==> flow/design.v <==
module alu_mux_n #(
    parameter WIDTH = 32
) (
    input  wire clk_i,
    input  wire aresetn,
    input  wire [WIDTH-1:0] ch_0,
    input  wire [WIDTH-1:0] ch_1,
    input  wire [WIDTH-1:0] ch_2,
    input  wire [WIDTH-1:0] ch_3,
    input  wire [WIDTH-1:0] ch_4,
    input  wire [WIDTH-1:0] ch_5,
    input  wire [WIDTH-1:0] ch_6,
    input  wire [WIDTH-1:0] ch_7,
    input  wire [WIDTH-1:0] ch_8,
    input  wire [WIDTH-1:0] ch_9,
    input  wire [3:0] addr,
    output wire [WIDTH-1:0] z_o
);
    reg [WIDTH-1:0] ch_0_ff;
    reg [WIDTH-1:0] ch_1_ff;
    reg [WIDTH-1:0] ch_2_ff;
    reg [WIDTH-1:0] ch_3_ff;
    reg [WIDTH-1:0] ch_4_ff;
    reg [WIDTH-1:0] ch_5_ff;
    reg [WIDTH-1:0] ch_6_ff;
    reg [WIDTH-1:0] ch_7_ff;
    reg [WIDTH-1:0] ch_8_ff;
    reg [WIDTH-1:0] ch_9_ff;
    reg [3:0] addr_ff;
    reg [WIDTH-1:0] t;
    always @* begin
        if (addr_ff == 0) t = ch_0_ff;
        else if (addr_ff == 1) t = ch_1_ff;
        else if (addr_ff == 2) t = ch_2_ff;
        else if (addr_ff == 3) t = ch_3_ff;
        else if (addr_ff == 4) t = ch_4_ff;
        else if (addr_ff == 5) t = ch_5_ff;
        else if (addr_ff == 6) t = ch_6_ff;
        else if (addr_ff == 7) t = ch_7_ff;
        else if (addr_ff == 8) t = ch_8_ff;
        else t = ch_9_ff;
    end
    reg [WIDTH-1:0] z_o_ff;
    assign z_o = z_o_ff;
    always @(posedge clk_i or negedge aresetn) begin
        if (!aresetn) begin
            ch_0_ff <= 0;
            ch_1_ff <= 0;
            ch_2_ff <= 0;
            ch_3_ff <= 0;
            ch_4_ff <= 0;
            ch_5_ff <= 0;
            ch_6_ff <= 0;
            ch_7_ff <= 0;
            ch_8_ff <= 0;
            ch_9_ff <= 0;
            addr_ff <= 0;
            z_o_ff <= 0;
        end else begin
            ch_0_ff <= ch_0;
            ch_1_ff <= ch_1;
            ch_2_ff <= ch_2;
            ch_3_ff <= ch_3;
            ch_4_ff <= ch_4;
            ch_5_ff <= ch_5;
            ch_6_ff <= ch_6;
            ch_7_ff <= ch_7;
            ch_8_ff <= ch_8;
            ch_9_ff <= ch_9;
            addr_ff <= addr;
            z_o_ff <= t;
        end
    end
endmodule
=== Step by step through the tools: alu_mux_n ===
Tool output for the design above, in the order of the flow.
Line numbers count from 1 in the design file above.
Operators carry their Yosys type and port widths (W data, S select, Z words).
Library cell names are shortened.
The mark n/a stands for no value.

* Design top: alu_mux_n
* Clock port: clk_i
* Standard-cell library: sky130hd
* Library corner: tt_025C_1v80

=== Elaborated design ===
Counts by Yosys on the flattened word-level netlist (proc, flatten, opt, wreduce; memories kept). Register bits leave out memories and registers merged into their read ports (data or address); mux counts leave out enables and synchronous resets folded into registers. Print and check cells are left out. Cells with the same type and inputs are merged into one.

* Flip-flop bits (word level): 356
* Bits of input ports: 326
* Output and inout port bits: 32

* Equal/unequal tests: 8
* Muxes and demuxes: 9
* Reduce/logical cells: 1

{| class="wikitable"
|+ Operators with widths
! operator !! number
|-
| $mux W32 || 9
|-
| $eq A4 B3 Y1 const B || 4
|-
| $eq A4 B2 Y1 const B || 2
|-
| $eq A4 B1 Y1 const B || 1
|-
| $eq A4 B4 Y1 const B || 1
|-
| $logic_not A4 Y1 || 1
|}

=== Depth ===
Longest topological path by Yosys (ltp), each cell counted once; first at word level (registers and memories cut), then after technology mapping (sequential cells cut; the memories' decode and read muxes count).

* Word-level depth: 10
* ABC_AREA: 0
* Gate-level depth with buffers: 8
* Gate-level depth less buffers: 4

=== Mapped cells and area ===
The flow's flattened synthesis, as Yosys stat reports it; memories are mapped. The netlist is that of the ABC_AREA named above (0 if unset); the other value can give another one.

* Standard cells after synthesis: 898
* Cell area after synthesis: 12584.6 µm²
* Mapped flip-flops: 356
* Buffer cells: 62

{| class="wikitable"
|+ Cells by type
! type !! number
|-
| dfrtp_1 || 356
|-
| mux2i_1 || 53
|-
| a21oi_1 || 89
|-
| mux4_2 || 13
|-
| a221oi_1 || 28
|-
| o21ai_0 || 41
|-
| buf_2 || 32
|-
| nor2_1 || 37
|-
| o221a_2 || 12
|-
| a22o_1 || 14
|-
| nand2_1 || 29
|-
| o22ai_1 || 14
|-
| inv_1 || 23
|-
| o32a_1 || 8
|-
| nand3b_1 || 10
|-
| clkbuf_1 || 18
|-
| nand2b_1 || 10
|-
| or2_2 || 10
|}

Not listed: further types 32, cells in them 101.

=== Worst setup path after synthesis ===
OpenSTA on the mapped netlist: ideal clock, no wires. The path of least setup slack (recovery checks aside). Input and output delay are each 20% of the period. Register names are those of the netlist, which keeps one name where synthesis merged equal registers.

* Path type: flip-flop to flip-flop
* From: register addr_ff[2]
* To: register z_o_ff[29]
* Clock period: 2.17 ns
* Launch time at the first pin: 0.000 ns
* Arrival time: 1.611 ns
* Required time: 2.044 ns
* Slack: 0.433 ns
* Delay of the path: 1.737 ns
* Stages: 7
* Synthesis period reached: 1.737 ns

"delay of the path" = arrival - input delay + setup time.
"stages" counts driving pins, that of a launching flip-flop among them; a cell with two outputs on the path counts twice.
"synthesis period reached" is the clock period less the worst setup slack; recovery checks do not enter. This is arithmetic on one report: input and output delays are still those of the set period (20% each).
Between the ends stands the longest chain of elaborated cells between them, by number of cells; it is not shown to be the way that was timed. Of several equally long chains one is given.
A line is the first line of the expression or statement that the cell stems from. Yosys adds cells for indexed reads and writes and turns some case tables into memories.

* Path through: dfrtp_1 -> buf_6 -> or4b_4 -> buf_6 -> o22ai_2 -> o32ai_1 -> a221o_1
* Cells in the longest elaborated chain: 10

{| class="wikitable"
|+ Ends and longest elaborated chain, post-synthesis
! item !! RTL line !! text
|-
| start, declared || 29 || <nowiki>reg [3:0] addr_ff;</nowiki>
|-
| start, assigned || 57 || <nowiki>addr_ff <= 0;</nowiki>
|-
| start, assigned || 70 || <nowiki>addr_ff <= addr;</nowiki>
|-
| $eq A4 B4 Y1 || 40 || <nowiki>else if (addr_ff == 8) t = ch_8_ff;</nowiki>
|-
| $mux W32 || 40 ||
|-
| $mux W32 || 39 || <nowiki>else if (addr_ff == 7) t = ch_7_ff;</nowiki>
|-
| $mux W32 || 38 || <nowiki>else if (addr_ff == 6) t = ch_6_ff;</nowiki>
|-
| $mux W32 || 37 || <nowiki>else if (addr_ff == 5) t = ch_5_ff;</nowiki>
|-
| $mux W32 || 36 || <nowiki>else if (addr_ff == 4) t = ch_4_ff;</nowiki>
|-
| $mux W32 || 35 || <nowiki>else if (addr_ff == 3) t = ch_3_ff;</nowiki>
|-
| $mux W32 || 34 || <nowiki>else if (addr_ff == 2) t = ch_2_ff;</nowiki>
|-
| $mux W32 || 33 || <nowiki>else if (addr_ff == 1) t = ch_1_ff;</nowiki>
|-
| $mux W32 || 32 || <nowiki>if (addr_ff == 0) t = ch_0_ff;</nowiki>
|-
| end, assigned || 58 || <nowiki>z_o_ff <= 0;</nowiki>
|-
| end, assigned || 71 || <nowiki>z_o_ff <= t;</nowiki>
|-
| end, declared || 43 || <nowiki>reg [WIDTH-1:0] z_o_ff;</nowiki>
|}

=== Path in the finished layout ===
From the final timing report of run A: the path of least setup slack in the routed layout; clock arrival at registers is part of the times.

* Path type: flip-flop to flip-flop
* From: register addr_ff[1]
* To: register z_o_ff[3]
* Clock period: 2.59 ns
* Launch time at the first pin: 0.56 ns
* Arrival time: 2.72 ns
* Required time: 3.03 ns
* Slack: 0.31 ns
* Stages: 7

Between the ends stands the longest chain of elaborated cells between them, by number of cells; it is not shown to be the way that was timed. Of several equally long chains one is given.

* Path through: dfrtp_4 -> buf_4 -> buf_6 -> nand3b_1 -> o21ai_0 -> o32a_1 -> o22ai_1
* Cells in the longest elaborated chain: 10

{| class="wikitable"
|+ Ends and longest elaborated chain, post-layout
! item !! RTL line !! text
|-
| start, declared || 29 || <nowiki>reg [3:0] addr_ff;</nowiki>
|-
| start, assigned || 57 || <nowiki>addr_ff <= 0;</nowiki>
|-
| start, assigned || 70 || <nowiki>addr_ff <= addr;</nowiki>
|-
| $eq A4 B4 Y1 || 40 || <nowiki>else if (addr_ff == 8) t = ch_8_ff;</nowiki>
|-
| $mux W32 || 40 ||
|-
| $mux W32 || 39 || <nowiki>else if (addr_ff == 7) t = ch_7_ff;</nowiki>
|-
| $mux W32 || 38 || <nowiki>else if (addr_ff == 6) t = ch_6_ff;</nowiki>
|-
| $mux W32 || 37 || <nowiki>else if (addr_ff == 5) t = ch_5_ff;</nowiki>
|-
| $mux W32 || 36 || <nowiki>else if (addr_ff == 4) t = ch_4_ff;</nowiki>
|-
| $mux W32 || 35 || <nowiki>else if (addr_ff == 3) t = ch_3_ff;</nowiki>
|-
| $mux W32 || 34 || <nowiki>else if (addr_ff == 2) t = ch_2_ff;</nowiki>
|-
| $mux W32 || 33 || <nowiki>else if (addr_ff == 1) t = ch_1_ff;</nowiki>
|-
| $mux W32 || 32 || <nowiki>if (addr_ff == 0) t = ch_0_ff;</nowiki>
|-
| end, assigned || 58 || <nowiki>z_o_ff <= 0;</nowiki>
|-
| end, assigned || 71 || <nowiki>z_o_ff <= t;</nowiki>
|-
| end, declared || 43 || <nowiki>reg [WIDTH-1:0] z_o_ff;</nowiki>
|}

## Implementation results

Top module alu_mux_n; platform sky130hd; tools Yosys and OpenROAD; 3 stored runs in no particular order. Input and output delays are each 20% of the period that was set; the output load is 0.01 pF.
"achieved clock period" is the run's clock period less its worst setup slack. It is reckoned from that one timing run; input and output delays stay at 20% of the period that was set.
By "worst setup path time" is meant the share of the clock period that the worst setup path is allowed (20% is reserved at inputs, 20% at outputs), minus its slack. Clock arrival times at its registers enter into it.
"power": no workload was simulated; the value follows from the tool's default switching activity.

Run A
==> flow/run.sh <==
#!/bin/bash
# the make line also repeats the synthesis and layout settings of config.mk as NAME=value (left out here)
make -C /OpenROAD-flow-scripts/flow DESIGN_CONFIG=/design/flow/config.mk WORK_HOME=/design/flow/orfs CLKGATE_MAP_FILE= finish
==> flow/config.mk <==
export PLATFORM = sky130hd
export DESIGN_NAME = alu_mux_n
export DESIGN_NICKNAME = alu_mux_n
export VERILOG_FILES = /design/flow/design.v
export SDC_FILE = /design/flow/constraint.sdc
export NUM_CORES = 4
export LEC_CHECK = 0
export CAP_MARGIN = 0
export CELL_PAD_IN_SITES_GLOBAL_PLACEMENT = 0
export CORE_ASPECT_RATIO = 0.56
export CORE_MARGIN = 2
export CORE_UTILIZATION = 53
export CTS_CLUSTER_DIAMETER = 309
export GPL_TIMING_DRIVEN = 1
export HOLD_SLACK_MARGIN = 0.03
export PLACE_DENSITY_LB_ADDON = 0.23
export SETUP_SLACK_MARGIN = 0.13
export SLEW_MARGIN = 20
export TNS_END_PERCENT = 35
==> flow/constraint.sdc <==
create_clock -name core_clock -period 2.59 [get_ports {clk_i}]
set_input_delay 0.5180 -clock core_clock [delete_from_list [all_inputs] [get_ports {clk_i}]]
set_output_delay 0.5180 -clock core_clock [all_outputs]
set_load 0.01 [all_outputs]

==> results of run A <==
chip area after synthesis (Yosys): 12584.6 µm²
die area: 25045.0 µm²
standard-cell area of the final layout: 17688.2 µm²
utilization: 75.5 %
worst setup slack after layout: 0.307 ns
total negative slack: 0.000 ns
worst hold slack: 0.384 ns
power: 12.401 mW
achieved clock period: 2.283 ns
worst setup path time: 2.28 ns
worst setup path kind: flip-flop to flip-flop

Run B
==> flow/run.sh <==
#!/bin/bash
# the make line also repeats the synthesis and layout settings of config.mk as NAME=value (left out here)
make -C /OpenROAD-flow-scripts/flow DESIGN_CONFIG=/design/flow/config.mk WORK_HOME=/design/flow/orfs CLKGATE_MAP_FILE= finish
==> flow/config.mk <==
export PLATFORM = sky130hd
export DESIGN_NAME = alu_mux_n
export DESIGN_NICKNAME = alu_mux_n
export VERILOG_FILES = /design/flow/design.v
export SDC_FILE = /design/flow/constraint.sdc
export NUM_CORES = 4
export LEC_CHECK = 0
export CAP_MARGIN = 5
export CELL_PAD_IN_SITES_DETAIL_PLACEMENT = 1
export CORE_ASPECT_RATIO = 0.88
export CORE_MARGIN = 2
export CORE_UTILIZATION = 16
export CTS_CLUSTER_DIAMETER = 332
export MAX_ROUTING_LAYER = met5
export PLACE_DENSITY_LB_ADDON = 0.16
export SETUP_SLACK_MARGIN = -0.2
export SLEW_MARGIN = 5
export TNS_END_PERCENT = 70
==> flow/constraint.sdc <==
create_clock -name core_clock -period 2.05 [get_ports {clk_i}]
set_input_delay 0.4100 -clock core_clock [delete_from_list [all_inputs] [get_ports {clk_i}]]
set_output_delay 0.4100 -clock core_clock [all_outputs]
set_load 0.01 [all_outputs]

==> results of run B <==
chip area after synthesis (Yosys): 12584.6 µm²
die area: 80917.4 µm²
standard-cell area of the final layout: 19473.7 µm²
utilization: 25.0 %
worst setup slack after layout: -0.093 ns
total negative slack: -0.250 ns
worst hold slack: 0.267 ns
power: 17.931 mW
achieved clock period: 2.143 ns
worst setup path time: 1.73 ns
worst setup path kind: flip-flop to output port

Run C
==> flow/run.sh <==
#!/bin/bash
# the make line also repeats the synthesis and layout settings of config.mk as NAME=value (left out here)
make -C /OpenROAD-flow-scripts/flow DESIGN_CONFIG=/design/flow/config.mk WORK_HOME=/design/flow/orfs CLKGATE_MAP_FILE= finish
==> flow/config.mk <==
export PLATFORM = sky130hd
export DESIGN_NAME = alu_mux_n
export DESIGN_NICKNAME = alu_mux_n
export VERILOG_FILES = /design/flow/design.v
export SDC_FILE = /design/flow/constraint.sdc
export NUM_CORES = 4
export LEC_CHECK = 0
export CAP_MARGIN = 20
export CORE_MARGIN = 2
export CORE_UTILIZATION = 40
export SLEW_MARGIN = 20
==> flow/constraint.sdc <==
create_clock -name core_clock -period 2.17 [get_ports {clk_i}]
set_input_delay 0.4340 -clock core_clock [delete_from_list [all_inputs] [get_ports {clk_i}]]
set_output_delay 0.4340 -clock core_clock [all_outputs]
set_load 0.01 [all_outputs]

==> results of run C <==
chip area after synthesis (Yosys): 12584.6 µm²
die area: 32896.9 µm²
standard-cell area of the final layout: 18228.7 µm²
utilization: 59.3 %
worst setup slack after layout: 0.066 ns
total negative slack: 0.000 ns
worst hold slack: 0.346 ns
power: 15.907 mW
achieved clock period: 2.104 ns
worst setup path time: 2.10 ns
worst setup path kind: flip-flop to flip-flop
